==> flow/design.v <==
module cpu_add_core (clk_i, i_rst, opa, opb, c0, res, cout);
  parameter integer WD = 64;
  input clk_i;
  input i_rst;
  input [WD-1:0] opa;
  input [WD-1:0] opb;
  input c0;
  output [WD-1:0] res;
  output cout;
  localparam NG = WD / 4;
  wire [WD-1:0] val;
  wire [NG:0] c;
  assign c[0] = c0;
  genvar i;
  generate
    for (i = 0; i < NG; i = i + 1) begin : blk
      la4 inst (.a(opa[4*i +: 4]), .b(opb[4*i +: 4]), .ci(c[i]), .s(val[4*i +: 4]), .co(c[i+1]));
    end
  endgenerate
  reg [WD-1:0] r_res;
  always @(posedge clk_i) begin
    if (i_rst) begin
      r_res <= 0;
    end else begin
      r_res <= val;
    end
  end
  assign res = r_res;
  reg r_cout;
  always @(posedge clk_i) begin
    if (i_rst) begin
      r_cout <= 1'b0;
    end else begin
      r_cout <= c[NG];
    end
  end
  assign cout = r_cout;
endmodule
module la4 (
  input wire [3:0] a,
  input wire [3:0] b,
  input wire ci,
  output wire [3:0] s,
  output wire co
);
  wire [3:0] g = a & b;
  wire [3:0] p = a ^ b;
  wire c1 = g[0] | (p[0] & ci);
  wire c2 = g[1] | (p[1] & g[0]) | (p[1] & p[0] & ci);
  wire c3 = g[2] | (p[2] & g[1]) | (p[2] & p[1] & g[0]) | (p[2] & p[1] & p[0] & ci);
  assign co = g[3] | (p[3] & g[2]) | (p[3] & p[2] & g[1]) | (p[3] & p[2] & p[1] & g[0]) | (&p & ci);
  assign s = p ^ {c3, c2, c1, ci};
endmodule
# Step by step through the tools: cpu_add_core

The steps from the RTL of cpu_add_core to its reports follow in flow order.
Lines are those of the file above, counted from 1.
Operators: Yosys type, input widths -> output width; for muxes data width and select width s.
Cell names lack the library's common part.
A cell with -- has no value.

Top module: cpu_add_core
Clock: clk_i
Standard-cell library: sky130hd
Library corner: tt_025C_1v80

# Elaborated design

Yosys after proc, flatten, opt, wreduce and memory -nomap, before mapping. Enables and synchronous resets that opt folds into registers are not counted as muxes. Memory bits, and registers merged into a memory's read port (data or address), are not among the register bits. Print and check cells are not counted. Equal cells are merged and count once.

Bitwise gates (word level): 448
Reduce/logical cells: 16

Operators by type and width:

| cell             | count |
| $and 1x1->1      | 240 |
| $or 1x1->1       | 160 |
| $xor 4x4->4      | 32 |
| $and 4x4->4      | 16 |
| $reduce_and 4->1 | 16 |

Flip-flop bits (word level): 65
Output and inout port bits: 65
Elaborated cells: 466

# Depth

Depth = most cells in a row (Yosys ltp): at word level without a register or memory, in the mapped netlist without a sequential cell, where the memories' decode and read muxes count.

Depth in word-level cells: 37
ABC_AREA: 0
Gate-level depth with buffers: 13
Gate-level depth less buffers: 12

# Netlist

Source: synth_stat.txt of the flow (Yosys; design flattened, memories mapped). It holds for the ABC_AREA given above (unset counts as 0); a run with the other value may have another netlist.
The area totals of this step are shown rounded.

Mapped cells: 475
Mapped area: 4,500 µm²
Sequential part of the area: 1,300 µm²
Flip-flop cells: 65
Buffer cells: 8

Cell types:

| cell     | count |
| dfxtp_1  | 65 |
| ha_1     | 64 |
| fa_1     | 16 |
| nor2_1   | 61 |
| xnor2_1  | 26 |
| a21oi_1  | 30 |
| nor2b_1  | 22 |
| a21o_1   | 14 |
| xor2_1   | 10 |
| nand2_1  | 21 |
| inv_1    | 19 |
| nor3_1   | 12 |
| o21ai_0  | 11 |
| nand3_1  | 10 |
| a211oi_1 | 6 |
| mux2_1   | 4 |
| o21bai_1 | 6 |
| nand2b_1 | 5 |

Other cell types: 47; their cells: 73.
By module: a second synthesis without flattening, with its own total; a netlist apart from the flattened one above.

Cells (unflattened synthesis): 409
Area total of the unflattened synthesis: 4,200 µm²

Rows give one instance, submodules left out.

Modules:

| module       | instances | cells | area (µm²) |
| la4          | 16        | 17    | 150 |
| cpu_add_core | 1         | 137   | 1,900 |

# Worst setup path after synthesis

OpenSTA on the mapped netlist: ideal clock, no wires. The path of least setup slack (recovery checks aside). Input and output delay are each 20% of the period. Register names are those of the netlist, which keeps one name where synthesis merged equal registers.

Path type: input to register
From: input port opa[13]
To: register r_res[57]
Clock period: 4.55 ns
Launch time at the first pin: 0.910 ns
Arrival time: 3.694 ns
Slack: 0.729 ns
Delay of the path: 2.912 ns
Driving pins on the path: 12
Path buffers: 1
Synthesis period reached: 3.821 ns

"delay of the path" = arrival - input delay + setup time.
"driving pins on the path": output pins that drive a net of the path, with the launching flip-flop's if there is one; two outputs of one cell count as two.
"synthesis period reached" is the clock period less the worst setup slack; recovery checks do not enter. This is arithmetic on one report: input and output delays are still those of the set period (20% each).
The rows between start and end are the longest chain of elaborated cells between them; the timing report does not say that the signal goes this way. Where chains are equally long, one stands for them.
Each line given opens the expression or statement behind the cell; cells for indexed reads and writes are added by Yosys, which also makes memories of some case tables.

Cells stage by stage: ha_1 a21o_1 nor3b_1 o41a_1 or4_1 buf_6 a2111oi_4 nor2_1 a21o_1 fa_1 xnor2_1 nor2_1
Length of the longest elaborated chain: 28
Elaborated cells between the ends (all ways): 33
Source lines of those cells: 5

Ends and longest elaborated chain, post-synthesis:

| item               | line | source |
| start: declaration | 5    | `input [WD-1:0] opa;` |
| $and 4x4->4        | 46   | `wire [3:0] g = a & b;` |
| $and 1x1->1        | 51   | `assign co = g[3] \| (p[3] & g[2]) \| (p[3] & p[2] & g[1]) \| (p[3] & p[2] & p[1] & g[0]) \| (&p & ci);` |
| $or 1x1->1 x3      | 51   |  |
| $and 1x1->1        | 51   |  |
| $or 1x1->1         | 51   |  |
| $and 1x1->1        | 51   |  |
| $or 1x1->1         | 51   |  |
| (+12 left out)     | --   |  |
| $and 1x1->1        | 51   |  |
| $or 1x1->1         | 51   |  |
| $and 1x1->1        | 51   |  |
| $or 1x1->1         | 51   |  |
| $and 1x1->1        | 48   | `wire c1 = g[0] \| (p[0] & ci);` |
| $or 1x1->1         | 48   |  |
| $xor 4x4->4        | 52   | `assign s = p ^ {c3, c2, c1, ci};` |
| end: assignment    | 23   | `r_res <= 0;` |
| end: assignment    | 25   | `r_res <= val;` |
| end: declaration   | 20   | `reg [WD-1:0] r_res;` |

# Worst path after layout

Path of least setup slack in the final report of run C (OpenROAD, finished layout, wires in). Where an end is a register, its clock arrival counts in the times.

Path type: input to register
From: input port opa[6]
To: register r_res[57]
Clock period: 4.55 ns
Launch time at the first pin: 0.91 ns
Arrival time: 4.41 ns
Slack: 0.33 ns
Driving pins on the path: 13
Path buffers: 2

The rows between start and end are the longest chain of elaborated cells between them; the timing report does not say that the signal goes this way. Where chains are equally long, one stands for them.

Cells stage by stage: clkdlybuf4s50_1 ha_1 and2_1 a221oi_1 buf_4 o2bb2ai_1 or4_1 a2111oi_4 nor2_1 a21o_1 fa_1 xnor2_1 nor2_1
Length of the longest elaborated chain: 33
Elaborated cells between the ends (all ways): 40
Source lines of those cells: 5

Ends and longest elaborated chain, after layout:

| item               | line | source |
| start: declaration | 5    | `input [WD-1:0] opa;` |
| $and 4x4->4        | 46   | `wire [3:0] g = a & b;` |
| $and 1x1->1        | 51   | `assign co = g[3] \| (p[3] & g[2]) \| (p[3] & p[2] & g[1]) \| (p[3] & p[2] & p[1] & g[0]) \| (&p & ci);` |
| $or 1x1->1 x4      | 51   |  |
| $and 1x1->1        | 51   |  |
| $or 1x1->1         | 51   |  |
| $and 1x1->1        | 51   |  |
| $or 1x1->1         | 51   |  |
| (+16 left out)     | --   |  |
| $and 1x1->1        | 51   |  |
| $or 1x1->1         | 51   |  |
| $and 1x1->1        | 51   |  |
| $or 1x1->1         | 51   |  |
| $and 1x1->1        | 48   | `wire c1 = g[0] \| (p[0] & ci);` |
| $or 1x1->1         | 48   |  |
| $xor 4x4->4        | 52   | `assign s = p ^ {c3, c2, c1, ci};` |
| end: assignment    | 23   | `r_res <= 0;` |
| end: assignment    | 25   | `r_res <= val;` |
| end: declaration   | 20   | `reg [WD-1:0] r_res;` |

Data sheet: physical implementation of cpu_add_core

Stored flow runs of cpu_add_core (3 of them; Yosys, OpenROAD, sky130hd). They differ in their settings and are not a sequence. Constraints: input delay and output delay 20% of the set period each, output load 0.01 pF.
"clock period reached" means the clock period less the worst setup slack. The figure is calculated, with input and output delays left at 20% of the set period.
"allowed time less slack (worst setup path)" = time allowed to the worst setup path (clock period - input delay - output delay, where it has them) - its slack; a late launch clock adds to it, a late capture clock takes from it.
"power consumption" rests on the timing tool's default activity at the inputs, not on a simulated workload.
Measured values are rounded.
A setting shown as . is not set for that run.
A result given as . is not shown for that run.

| item                                            | run A | run B | run C             |
| period_ns                                       | 5.38  | 5.42  | 4.55              |
| CORE_UTILIZATION                                | 67    | 49    | 40                |
| SETUP_SLACK_MARGIN                              | 0.0   | 1.57  | .                 |
| PLACE_DENSITY                                   | 0.85  | 0.65  | .                 |
| CELL_PAD_IN_SITES_GLOBAL_PLACEMENT              | 0     | 3     | .                 |
| TNS_END_PERCENT                                 | 70    | 60    | .                 |
| SLEW_MARGIN                                     | 35    | 30    | 20                |
| MIN_ROUTING_LAYER                               | met2  | .     | .                 |
| CAP_MARGIN                                      | 20    | 20    | 20                |
| CORE_MARGIN                                     | 2     | 7     | 2                 |
| CORE_ASPECT_RATIO                               | .     | 1.27  | .                 |
| ABC_AREA                                        | .     | 1     | .                 |
| GPL_TIMING_DRIVEN                               | .     | 0     | .                 |
| GPL_ROUTABILITY_DRIVEN                          | .     | 1     | .                 |
| worst-case hold slack (ns)                      | .     | .     | 1.2               |
| allowed time less slack (worst setup path) (ns) | .     | .     | 3.31              |
| critical path type                              | .     | .     | input to register |
| final utilization (%)                           | .     | .     | 63                |
| standard-cell area after layout (µm²)           | .     | .     | 6,800             |
| clock period reached (ns)                       | .     | .     | 4.217             |
| total negative slack (ns)                       | .     | .     | 0.000             |
| die area (µm²)                                  | .     | .     | 12,000            |
| setup slack of the worst path (ns)              | .     | .     | 0.33              |
| power consumption (µW)                          | .     | .     | 1,900             |
| post-synthesis cell area (µm²)                  | .     | .     | 4,500             |

Run A: did not finish, placement stopped with GPL-0301
Run B: did not finish, placement stopped with GPL-0301
